==> flow/design.v <==
module gen_diff_unit (clk, reset, i_x, i_y, o_q, o_diff);
    parameter XLEN = 96;
    input clk;
    input reset;
    input [XLEN-1:0] i_x;
    input [XLEN-1:0] i_y;
    output [XLEN:0] o_q;
    output [XLEN:0] o_diff;
    reg [XLEN-1:0] x_reg;
    reg [XLEN-1:0] y_reg;
    always @(posedge clk) begin
        if (reset) begin
            x_reg <= 0;
            y_reg <= 0;
        end else begin
            x_reg <= i_x;
            y_reg <= i_y;
        end
    end
    assign o_q = x_reg + y_reg;
    assign o_diff = x_reg - y_reg;
endmodule
======== Tool chain data of gen_diff_unit ========
Tool output for the design above, in the order of the flow.
Lines are those of the file above, counted from 1.
The mark -- stands for no value.
inputs
  design top .............................. gen_diff_unit
  clock ................................... clk
  cell library ............................ sky130hd
  timing corner ........................... tt_025C_1v80

======== After elaboration ========
Yosys after proc, flatten, opt, wreduce and memory -nomap, before mapping. Enables and synchronous resets that opt folds into registers are not counted as muxes. Memory bits, and registers merged into a memory's read port (data or address), are not among the register bits. Print and check cells are not counted. Equal cells are merged and count once.
cells by class
  $add $sub $neg .......................... 2
operator list
  cell                                            number
  96-bit by 96-bit adder with 97-bit output       1
  96-bit by 96-bit subtractor with 97-bit output  1
bit counts
  flip-flop bits (word level) ............. 192
  cells after elaboration ................. 4

======== Logic depth ========
Longest topological path by Yosys (ltp), each cell counted once; first at word level (registers and memories cut), then after technology mapping (sequential cells cut; the memories' decode and read muxes count).
logic depth
  depth in word-level cells ............... 1
  ABC_AREA ................................ 0
  gate-level depth with buffers ........... 15

======== Mapped cells and area ========
Yosys stat after the flow's synthesis: flattened, memories mapped to cells. It holds for the ABC_AREA given above (unset counts as 0); a run with the other value may have another netlist.
cell types
  cell                       number  total area (um^2)
  sky130_fd_sc_hd__dfxtp_1   192     3.84E+03
  sky130_fd_sc_hd__ha_1      192     2.4E+03
  sky130_fd_sc_hd__xnor2_1   174     1.52E+03
  sky130_fd_sc_hd__nor2b_1   214     1.34E+03
  sky130_fd_sc_hd__a21oi_1   230     1.15E+03
  sky130_fd_sc_hd__inv_1     197     739.459
  sky130_fd_sc_hd__nor2_1    164     615.59
  sky130_fd_sc_hd__o21ai_0   113     565.542
  sky130_fd_sc_hd__nand2_1   112     420.403
  sky130_fd_sc_hd__o21bai_1  47      352.838
  sky130_fd_sc_hd__nor4_1    40      250.24
  sky130_fd_sc_hd__nand4_1   36      225.216
  sky130_fd_sc_hd__a21o_1    29      217.709
  sky130_fd_sc_hd__clkbuf_1  54      202.694
  sky130_fd_sc_hd__buf_2     38      190.182
  sky130_fd_sc_hd__nor3_1    38      190.182
  sky130_fd_sc_hd__o31ai_1   24      180.173
  sky130_fd_sc_hd__nand2b_1  24      150.144
Other cell types: 73; their cells: 296.
synthesis totals
  buffer cells ............................ 111
  area of sequential cells ................ 3843.7 um^2
  cell area after synthesis ............... 16931.2 um^2
  mapped flip-flops ....................... 192
  cells in the netlist .................... 2214

======== Path before layout ========
Path of least setup slack by OpenSTA after synthesis, without wires, with an ideal clock, recovery checks aside; 20% of the period is set as input and as output delay. Where synthesis merged equal registers, the netlist keeps one of their names.
timing post-synthesis
  path type ............................... register -> output
  start ................................... register y_reg[1]
  end ..................................... output o_diff[93]
  path buffers ............................ 0
  required time ........................... 3.992 ns
  external output delay ................... 0.998 ns
  arrival time ............................ 3.194 ns
  stages on the path ...................... 15
  delay of the path ....................... 3.194 ns
  period .................................. 4.99 ns
  setup slack ............................. 0.798 ns
  time at the first pin ................... 0.000 ns
  synthesis period reached ................ 4.192 ns
"delay of the path" = arrival - input delay + setup time.
At an output port there is no setup time.
"stages on the path": output pins that drive a net of the path, with the launching flip-flop's if there is one; two outputs of one cell count as two.
"synthesis period reached" = period - worst setup slack (recovery checks aside). The figure is calculated, with input and output delays left at 20% of the set period.
Between the ends stands the longest chain of elaborated cells between them, by number of cells; it is not shown to be the way that was timed. Of several equally long chains one is given.
Each line given opens the expression or statement behind the cell; cells for indexed reads and writes are added by Yosys, which also makes memories of some case tables.
between the ends, post-synthesis
  cell sequence ........................... sky130_fd_sc_hd__dfxtp_1 > sky130_fd_sc_hd__inv_1 > sky130_fd_sc_hd__ha_1 > sky130_fd_sc_hd__nor2b_1 > sky130_fd_sc_hd__o31a_2 > sky130_fd_sc_hd__o21ai_2 > sky130_fd_sc_hd__o221ai_2 > sky130_fd_sc_hd__a31oi_1 > sky130_fd_sc_hd__nand4b_4 > sky130_fd_sc_hd__a2111oi_4 > sky130_fd_sc_hd__o21ai_2 > sky130_fd_sc_hd__o311a_4 > sky130_fd_sc_hd__o311ai_4 > sky130_fd_sc_hd__a31oi_1 > sky130_fd_sc_hd__xnor2_1
  length of the longest elaborated chain .. 1
  elaborated cells on any way between the ends .. 1
  RTL lines with such cells ............... 1
ends and longest elaborated chain, post-synthesis
  what                                            RTL line  RTL
  from (decl)                                     10        reg [XLEN-1:0] y_reg;
  from (assign)                                   14        y_reg <= 0;
  from (assign)                                   17        y_reg <= i_y;
  96-bit by 96-bit subtractor with 97-bit output  21        assign o_diff = x_reg - y_reg;
  to (decl)                                       8         output [XLEN:0] o_diff;

======== Path in the finished layout ========
From the final timing report of stored run 1: the path of least setup slack in the routed layout; clock arrival at registers is part of the times.
timing after layout
  path type ............................... register -> output
  start ................................... register y_reg[15]
  end ..................................... output o_diff[89]
  arrival time ............................ 4.12 ns
  setup slack ............................. -0.12 ns
  external output delay ................... 1.00 ns
  period .................................. 4.99 ns
  required time ........................... 3.99 ns
  time at the first pin ................... 0.50 ns
  path buffers ............................ 4
  stages on the path ...................... 17
Between the ends stands the longest chain of elaborated cells between them, by number of cells; it is not shown to be the way that was timed. Of several equally long chains one is given.
between the ends, after layout
  cell sequence ........................... sky130_fd_sc_hd__dfxtp_2 > sky130_fd_sc_hd__inv_2 > sky130_fd_sc_hd__ha_4 > sky130_fd_sc_hd__buf_6 > sky130_fd_sc_hd__nand4_1 > sky130_fd_sc_hd__nor3_2 > sky130_fd_sc_hd__buf_4 > sky130_fd_sc_hd__a31oi_4 > sky130_fd_sc_hd__nand4b_4 > sky130_fd_sc_hd__a2111oi_4 > sky130_fd_sc_hd__o21ai_2 > sky130_fd_sc_hd__o311a_4 > sky130_fd_sc_hd__o311ai_4 > sky130_fd_sc_hd__buf_6 > sky130_fd_sc_hd__a31oi_2 > sky130_fd_sc_hd__xnor2_1 > sky130_fd_sc_hd__buf_2
  length of the longest elaborated chain .. 1
  elaborated cells on any way between the ends .. 1
  RTL lines with such cells ............... 1
ends and longest elaborated chain, after layout
  what                                            RTL line  RTL
  from (decl)                                     10        reg [XLEN-1:0] y_reg;
  from (assign)                                   14        y_reg <= 0;
  from (assign)                                   17        y_reg <= i_y;
  96-bit by 96-bit subtractor with 97-bit output  21        assign o_diff = x_reg - y_reg;
  to (decl)                                       8         output [XLEN:0] o_diff;

FLOW RESULTS
============

Module gen_diff_unit, platform sky130hd: 3 stored runs of the flow (Yosys, OpenROAD) with differing settings, in no particular order. Input and output delays are each 20% of the period that was set; the output load is 0.01 pF.
"clock period achieved" is the run's clock period less its worst setup slack. It is reckoned from that one timing run; input and output delays stay at 20% of the period that was set.
"worst setup path time": the worst setup path's part of the clock period (all of it between registers, 20% less for each end at a port) less its slack. A launch clock that arrives late makes it longer, a capture clock that arrives late makes it shorter.
"power consumption": no workload was simulated; the value follows from the tool's default switching activity.

======== stored run 1 ========
==> flow/run.sh <==
#!/bin/bash
# the make line also repeats the synthesis and layout settings of config.mk as NAME=value (left out here)
make -C /OpenROAD-flow-scripts/flow DESIGN_CONFIG=/design/flow/config.mk WORK_HOME=/design/flow/orfs CLKGATE_MAP_FILE= finish
==> flow/config.mk <==
export PLATFORM = sky130hd
export DESIGN_NAME = gen_diff_unit
export DESIGN_NICKNAME = gen_diff_unit
export VERILOG_FILES = /design/flow/design.v
export SDC_FILE = /design/flow/constraint.sdc
export NUM_CORES = 4
export LEC_CHECK = 0
export CAP_MARGIN = 20
export CORE_MARGIN = 2
export CORE_UTILIZATION = 40
export SLEW_MARGIN = 20
==> flow/constraint.sdc <==
create_clock -name core_clock -period 4.99 [get_ports {clk}]
set_input_delay 0.9980 -clock core_clock [delete_from_list [all_inputs] [get_ports {clk}]]
set_output_delay 0.9980 -clock core_clock [all_outputs]
set_load 0.01 [all_outputs]

-------- measured, stored run 1 --------
  setup slack of the worst path ........... -0.124 ns
  worst setup path time ................... 4.12 ns
  kind of the worst setup path ............ register -> output
  worst hold slack in the final report .... 0.904 ns
  clock period achieved ................... 5.114 ns
  netlist area reported by Yosys .......... 16931.2 um^2
  overall die area ........................ 43988.8 um^2
  power consumption ....................... 6.387 mW
  setup TNS ............................... -0.645 ns
  standard-cell area after routing ........ 26565.5 um^2
  utilization ............................. 0.635

======== stored run 2 ========
==> flow/run.sh <==
#!/bin/bash
# the make line also repeats the synthesis and layout settings of config.mk as NAME=value (left out here)
make -C /OpenROAD-flow-scripts/flow DESIGN_CONFIG=/design/flow/config.mk WORK_HOME=/design/flow/orfs CLKGATE_MAP_FILE= finish
==> flow/config.mk <==
export PLATFORM = sky130hd
export DESIGN_NAME = gen_diff_unit
export DESIGN_NICKNAME = gen_diff_unit
export VERILOG_FILES = /design/flow/design.v
export SDC_FILE = /design/flow/constraint.sdc
export NUM_CORES = 4
export LEC_CHECK = 0
export ABC_AREA = 0
export CAP_MARGIN = 20
export CORE_ASPECT_RATIO = 0.61
export CORE_MARGIN = 2
export CORE_UTILIZATION = 24
export CTS_CLUSTER_SIZE = 22
export GPL_ROUTABILITY_DRIVEN = 0
export GPL_TIMING_DRIVEN = 0
export MIN_ROUTING_LAYER = met1
export PLACE_DENSITY = 0.86
export SLEW_MARGIN = 20
==> flow/constraint.sdc <==
create_clock -name core_clock -period 4.95 [get_ports {clk}]
set_input_delay 0.9900 -clock core_clock [delete_from_list [all_inputs] [get_ports {clk}]]
set_output_delay 0.9900 -clock core_clock [all_outputs]
set_load 0.01 [all_outputs]

-------- measured, stored run 2 --------
  worst setup path time ................... 4.46 ns
  kind of the worst setup path ............ register -> output
  overall die area ........................ 72752.9 um^2
  setup slack of the worst path ........... -0.496 ns
  standard-cell area after routing ........ 26060.0 um^2
  netlist area reported by Yosys .......... 16931.2 um^2
  clock period achieved ................... 5.446 ns
  utilization ............................. 0.371
  power consumption ....................... 6.415 mW
  setup TNS ............................... -13.654 ns
  worst hold slack in the final report .... 0.995 ns

======== stored run 3 ========
==> flow/run.sh <==
#!/bin/bash
# the make line also repeats the synthesis and layout settings of config.mk as NAME=value (left out here)
make -C /OpenROAD-flow-scripts/flow DESIGN_CONFIG=/design/flow/config.mk WORK_HOME=/design/flow/orfs CLKGATE_MAP_FILE= finish
==> flow/config.mk <==
export PLATFORM = sky130hd
export DESIGN_NAME = gen_diff_unit
export DESIGN_NICKNAME = gen_diff_unit
export VERILOG_FILES = /design/flow/design.v
export SDC_FILE = /design/flow/constraint.sdc
export NUM_CORES = 4
export LEC_CHECK = 0
export ABC_AREA = 0
export CAP_MARGIN = 20
export CELL_PAD_IN_SITES_DETAIL_PLACEMENT = 1
export CELL_PAD_IN_SITES_GLOBAL_PLACEMENT = 1
export CORE_ASPECT_RATIO = 0.58
export CORE_MARGIN = 6
export CORE_UTILIZATION = 68
export GPL_TIMING_DRIVEN = 1
export PLACE_DENSITY = 0.48
export SLEW_MARGIN = 15
export TNS_END_PERCENT = 55
==> flow/constraint.sdc <==
create_clock -name core_clock -period 7.52 [get_ports {clk}]
set_input_delay 1.5040 -clock core_clock [delete_from_list [all_inputs] [get_ports {clk}]]
set_output_delay 1.5040 -clock core_clock [all_outputs]
set_load 0.01 [all_outputs]

-------- stored run 3 --------
  no final report: placement broke off with GPL-0301
